==> flow/design.v <==
module ex_mult #(
  parameter integer BITS = 14,
  parameter integer SCALE = 11585,
  parameter integer RES_W = BITS + $clog2(SCALE + 1)
) (
  input  logic core_clk,
  input  logic [BITS-1:0] u,
  output logic [RES_W-1:0] res
);
  logic [BITS-1:0] u_s;
  always_ff @(posedge core_clk)
    u_s <= u;
  always_ff @(posedge core_clk)
    res <= u_s * SCALE;
endmodule
---- Step by step through the tools: ex_mult ----
Tool output for the design above, in the order of the flow.
Lines are those of the file above, counted from 1.
Library cell names are shortened.
A cell with -- has no value.
inputs
  top module .............................. ex_mult
  clock ................................... core_clk
  cell library ............................ sky130hd
  library corner .......................... tt_025C_1v80

---- Word level ----
Yosys after proc, flatten, opt, wreduce and memory -nomap, before mapping. Enables and synchronous resets that opt folds into registers are not counted as muxes. Memory bits, and registers merged into a memory's read port (data or address), are not among the register bits. Print and check cells are not counted. Equal cells are merged and count once.
word-level totals
  clocked read ports x word width ......... 0
  register bits ........................... 42
  memory bits (writable) .................. 0
  latch bits .............................. 0
  memory bits (read-only) ................. 0
  memories kept ........................... 0
  bits of input ports ..................... 15
  word-level cells ........................ 3
operators by class
  bitwise operators ....................... 0
  eq/ne operators ......................... 0
  add/sub/neg operators ................... 0
  muxes and demuxes ....................... 0
  reduce/logical cells .................... 0
  shift operators ......................... 0
  divide/modulo/power cells ............... 0
  multipliers ............................. 1
  order comparisons ....................... 0
operators by type and width
  cell                                                  count
  multiplier 14 x 14 -> 28 bit (second input constant)  1

---- Logic depth ----
Depth = most cells in a row (Yosys ltp): at word level without a register or memory, in the mapped netlist without a sequential cell, where the memories' decode and read muxes count.
logic depth
  word-level depth ........................ 1
  ABC_AREA ................................ 0
  gate-level depth with buffers ........... 17
  depth with buffers taken out ............ 16

---- Netlist ----
Yosys stat after the flow's synthesis: flattened, memories mapped to cells. It holds for the ABC_AREA given above (unset counts as 0); a run with the other value may have another netlist.
cells by type
  type      count  area in all (um^2)
  ha_1      96     1.2E+03
  dfxtp_1   42     840.806
  fa_1      32     640.614
  inv_1     68     255.245
  xor2_1    16     140.134
  a21oi_1   20     100.096
  nand2_1   23     86.333
  xnor2_1   7      61.309
  o21ai_0   12     60.058
  a21o_1    7      52.55
  o211ai_1  6      45.043
  nand3_1   8      40.038
  buf_2     6      30.029
  mux2i_1   3      30.029
  nor2_1    7      26.275
  a211oi_2  2      25.024
  and2_1    4      25.024
  nor3_1    5      25.024
Not listed: further types 27, cells in them 37.
synthesis totals
  flip-flop cells ......................... 42
  chip area (Yosys) ....................... 3990.1 um^2
  sequential part of the area ............. 840.8 um^2
  cell count .............................. 401

---- Worst setup path after synthesis ----
Source: OpenSTA report_checks on the synthesized netlist (no wires, ideal clock, input and output delay 20% of the period each), path of least setup slack; recovery checks are left aside. Register names are those of the netlist, which keeps one name where synthesis merged equal registers.
timing path after synthesis
  kind .................................... register to register
  start point ............................. register u_s[5]
  end point ............................... register res[20]
  driving pins on the path ................ 16
  setup slack ............................. 1.077 ns
  period .................................. 5.37 ns
  setup time .............................. 0.117 ns
  path delay .............................. 4.294 ns
  data arrival time ....................... 4.177 ns
  synthesis period reached ................ 4.293 ns
"path delay" is the arrival time less input delay plus setup time.
"driving pins on the path" counts driving pins, that of a launching flip-flop among them; a cell with two outputs on the path counts twice.
"synthesis period reached" = period - worst setup slack (recovery checks aside). The figure is calculated, with input and output delays left at 20% of the set period.
The rows between start and end are the longest chain of elaborated cells between them; the timing report does not say that the signal goes this way. Where chains are equally long, one stands for them.
Each line given opens the expression or statement behind the cell; cells for indexed reads and writes are added by Yosys, which also makes memories of some case tables.
on the way, after synthesis
  cells stage by stage .................... dfxtp_1 > ha_1 > ha_1 > fa_1 > fa_1 > ha_1 > inv_1 > fa_1 > inv_1 > ha_1 > buf_6 > a21o_1 > a211oi_2 > or3b_1 > mux2i_1 > nor2_1
  length of the longest elaborated chain .. 1
  elaborated cells on any way between the ends .. 1
  source lines of those cells ............. 1
  those cells by class .................... mul (1)
RTL lines, path after synthesis
  item                          line  source
  start, declared               10    logic [BITS-1:0] u_s;
  start, assigned               12    u_s <= u;
  multiplier 14 x 14 -> 28 bit  14    res <= u_s * SCALE;
  end, assigned                 14
  end, declared                 8     output logic [RES_W-1:0] res

---- Timing after layout ----
From the final timing report of stored run 2: the path of least setup slack in the routed layout; clock arrival at registers is part of the times.
timing path post-layout
  kind .................................... register to register
  start point ............................. register u_s[5]
  end point ............................... register res[21]
  setup slack ............................. 0.68 ns
  setup time .............................. 0.11 ns
  data arrival time ....................... 4.88 ns
  period .................................. 5.37 ns
  driving pins on the path ................ 16
The rows between start and end are the longest chain of elaborated cells between them; the timing report does not say that the signal goes this way. Where chains are equally long, one stands for them.
on the way, post-layout
  cells stage by stage .................... dfxtp_1 > ha_1 > xor2_1 > ha_1 > fa_1 > inv_1 > fa_1 > inv_1 > ha_1 > ha_1 > ha_1 > a21oi_1 > o22ai_1 > a211oi_1 > o21ai_0 > xor2_1
  length of the longest elaborated chain .. 1
  elaborated cells on any way between the ends .. 1
  source lines of those cells ............. 1
  those cells by class .................... mul (1)
RTL lines, path post-layout
  item                          line  source
  start, declared               10    logic [BITS-1:0] u_s;
  start, assigned               12    u_s <= u;
  multiplier 14 x 14 -> 28 bit  14    res <= u_s * SCALE;
  end, assigned                 14
  end, declared                 8     output logic [RES_W-1:0] res

Top module ex_mult; platform sky130hd; tools Yosys and OpenROAD; 3 stored runs in no particular order. Input and output delays are each 20% of the period that was set; the output load is 0.01 pF.
"achieved clock period (ns)" = clock period - worst setup slack. The figure is calculated, with input and output delays left at 20% of the set period.
"worst setup path time (ns)" means the part of the period allowed to the worst setup path (the constraints hold back 20% at inputs and 20% at outputs) less its slack; where the path has registers, the arrival times of their clocks count too.
"finish__power__total" is the tool's figure for a default switching activity; nothing was simulated.

Flow files of stored run 1
==> flow/run.sh <==
#!/bin/bash
# the make line also repeats the synthesis and layout settings of config.mk as NAME=value (left out here)
make -C /OpenROAD-flow-scripts/flow DESIGN_CONFIG=/design/flow/config.mk WORK_HOME=/design/flow/orfs CLKGATE_MAP_FILE= finish
==> flow/config.mk <==
export PLATFORM = sky130hd
export DESIGN_NAME = ex_mult
export DESIGN_NICKNAME = ex_mult
export VERILOG_FILES = /design/flow/design.v
export SDC_FILE = /design/flow/constraint.sdc
export NUM_CORES = 4
export LEC_CHECK = 0
export CAP_MARGIN = 20
export CORE_ASPECT_RATIO = 0.64
export CORE_MARGIN = 10
export CORE_UTILIZATION = 64
export CTS_CLUSTER_DIAMETER = 171
export PLACE_DENSITY = 0.76
export SLEW_MARGIN = 20
export TNS_END_PERCENT = 35
==> flow/constraint.sdc <==
create_clock -name core_clock -period 2.72 [get_ports {core_clk}]
set_input_delay 0.5440 -clock core_clock [delete_from_list [all_inputs] [get_ports {core_clk}]]
set_output_delay 0.5440 -clock core_clock [all_outputs]
set_load 0.01 [all_outputs]

report of stored run 1: did not finish, cts, DPL-0038

Flow files of stored run 2
==> flow/run.sh <==
#!/bin/bash
# the make line also repeats the synthesis and layout settings of config.mk as NAME=value (left out here)
make -C /OpenROAD-flow-scripts/flow DESIGN_CONFIG=/design/flow/config.mk WORK_HOME=/design/flow/orfs CLKGATE_MAP_FILE= finish
==> flow/config.mk <==
export PLATFORM = sky130hd
export DESIGN_NAME = ex_mult
export DESIGN_NICKNAME = ex_mult
export VERILOG_FILES = /design/flow/design.v
export SDC_FILE = /design/flow/constraint.sdc
export NUM_CORES = 4
export LEC_CHECK = 0
export CAP_MARGIN = 20
export CORE_MARGIN = 2
export CORE_UTILIZATION = 40
export SLEW_MARGIN = 20
==> flow/constraint.sdc <==
create_clock -name core_clock -period 5.37 [get_ports {core_clk}]
set_input_delay 1.0740 -clock core_clock [delete_from_list [all_inputs] [get_ports {core_clk}]]
set_output_delay 1.0740 -clock core_clock [all_outputs]
set_load 0.01 [all_outputs]

report of stored run 2
yosys chip area after synthesis (um^2): 3990.1
finish__design__die__area: 10790.0
finish__design__instance__area__stdcell: 4625.7
finish__design__instance__utilization: 0.4754
finish__timing__setup__ws: 0.683
finish__timing__setup__tns: 0.000
finish__timing__hold__ws: 0.416
finish__power__total: 2.741e-03
achieved clock period (ns): 4.687
worst setup path time (ns): 4.69
worst setup path kind: register to register

Flow files of stored run 3
==> flow/run.sh <==
#!/bin/bash
# the make line also repeats the synthesis and layout settings of config.mk as NAME=value (left out here)
make -C /OpenROAD-flow-scripts/flow DESIGN_CONFIG=/design/flow/config.mk WORK_HOME=/design/flow/orfs CLKGATE_MAP_FILE= finish
==> flow/config.mk <==
export PLATFORM = sky130hd
export DESIGN_NAME = ex_mult
export DESIGN_NICKNAME = ex_mult
export VERILOG_FILES = /design/flow/design.v
export SDC_FILE = /design/flow/constraint.sdc
export NUM_CORES = 4
export LEC_CHECK = 0
export CAP_MARGIN = 20
export CORE_MARGIN = 2
export CORE_UTILIZATION = 18
export MAX_ROUTING_LAYER = met4
export PLACE_DENSITY_LB_ADDON = 0.1
export SETUP_SLACK_MARGIN = 0.3
export SLEW_MARGIN = 20
export TNS_END_PERCENT = 75
==> flow/constraint.sdc <==
create_clock -name core_clock -period 2.96 [get_ports {core_clk}]
set_input_delay 0.5920 -clock core_clock [delete_from_list [all_inputs] [get_ports {core_clk}]]
set_output_delay 0.5920 -clock core_clock [all_outputs]
set_load 0.01 [all_outputs]

report of stored run 3
yosys chip area after synthesis (um^2): 3990.1
finish__design__die__area: 23373.8
finish__design__instance__area__stdcell: 6623.9
finish__design__instance__utilization: 0.3035
finish__timing__setup__ws: -1.207
finish__timing__setup__tns: -17.114
finish__timing__hold__ws: 0.424
finish__power__total: 8.240e-03
achieved clock period (ns): 4.167
worst setup path time (ns): 4.17
worst setup path kind: register to register
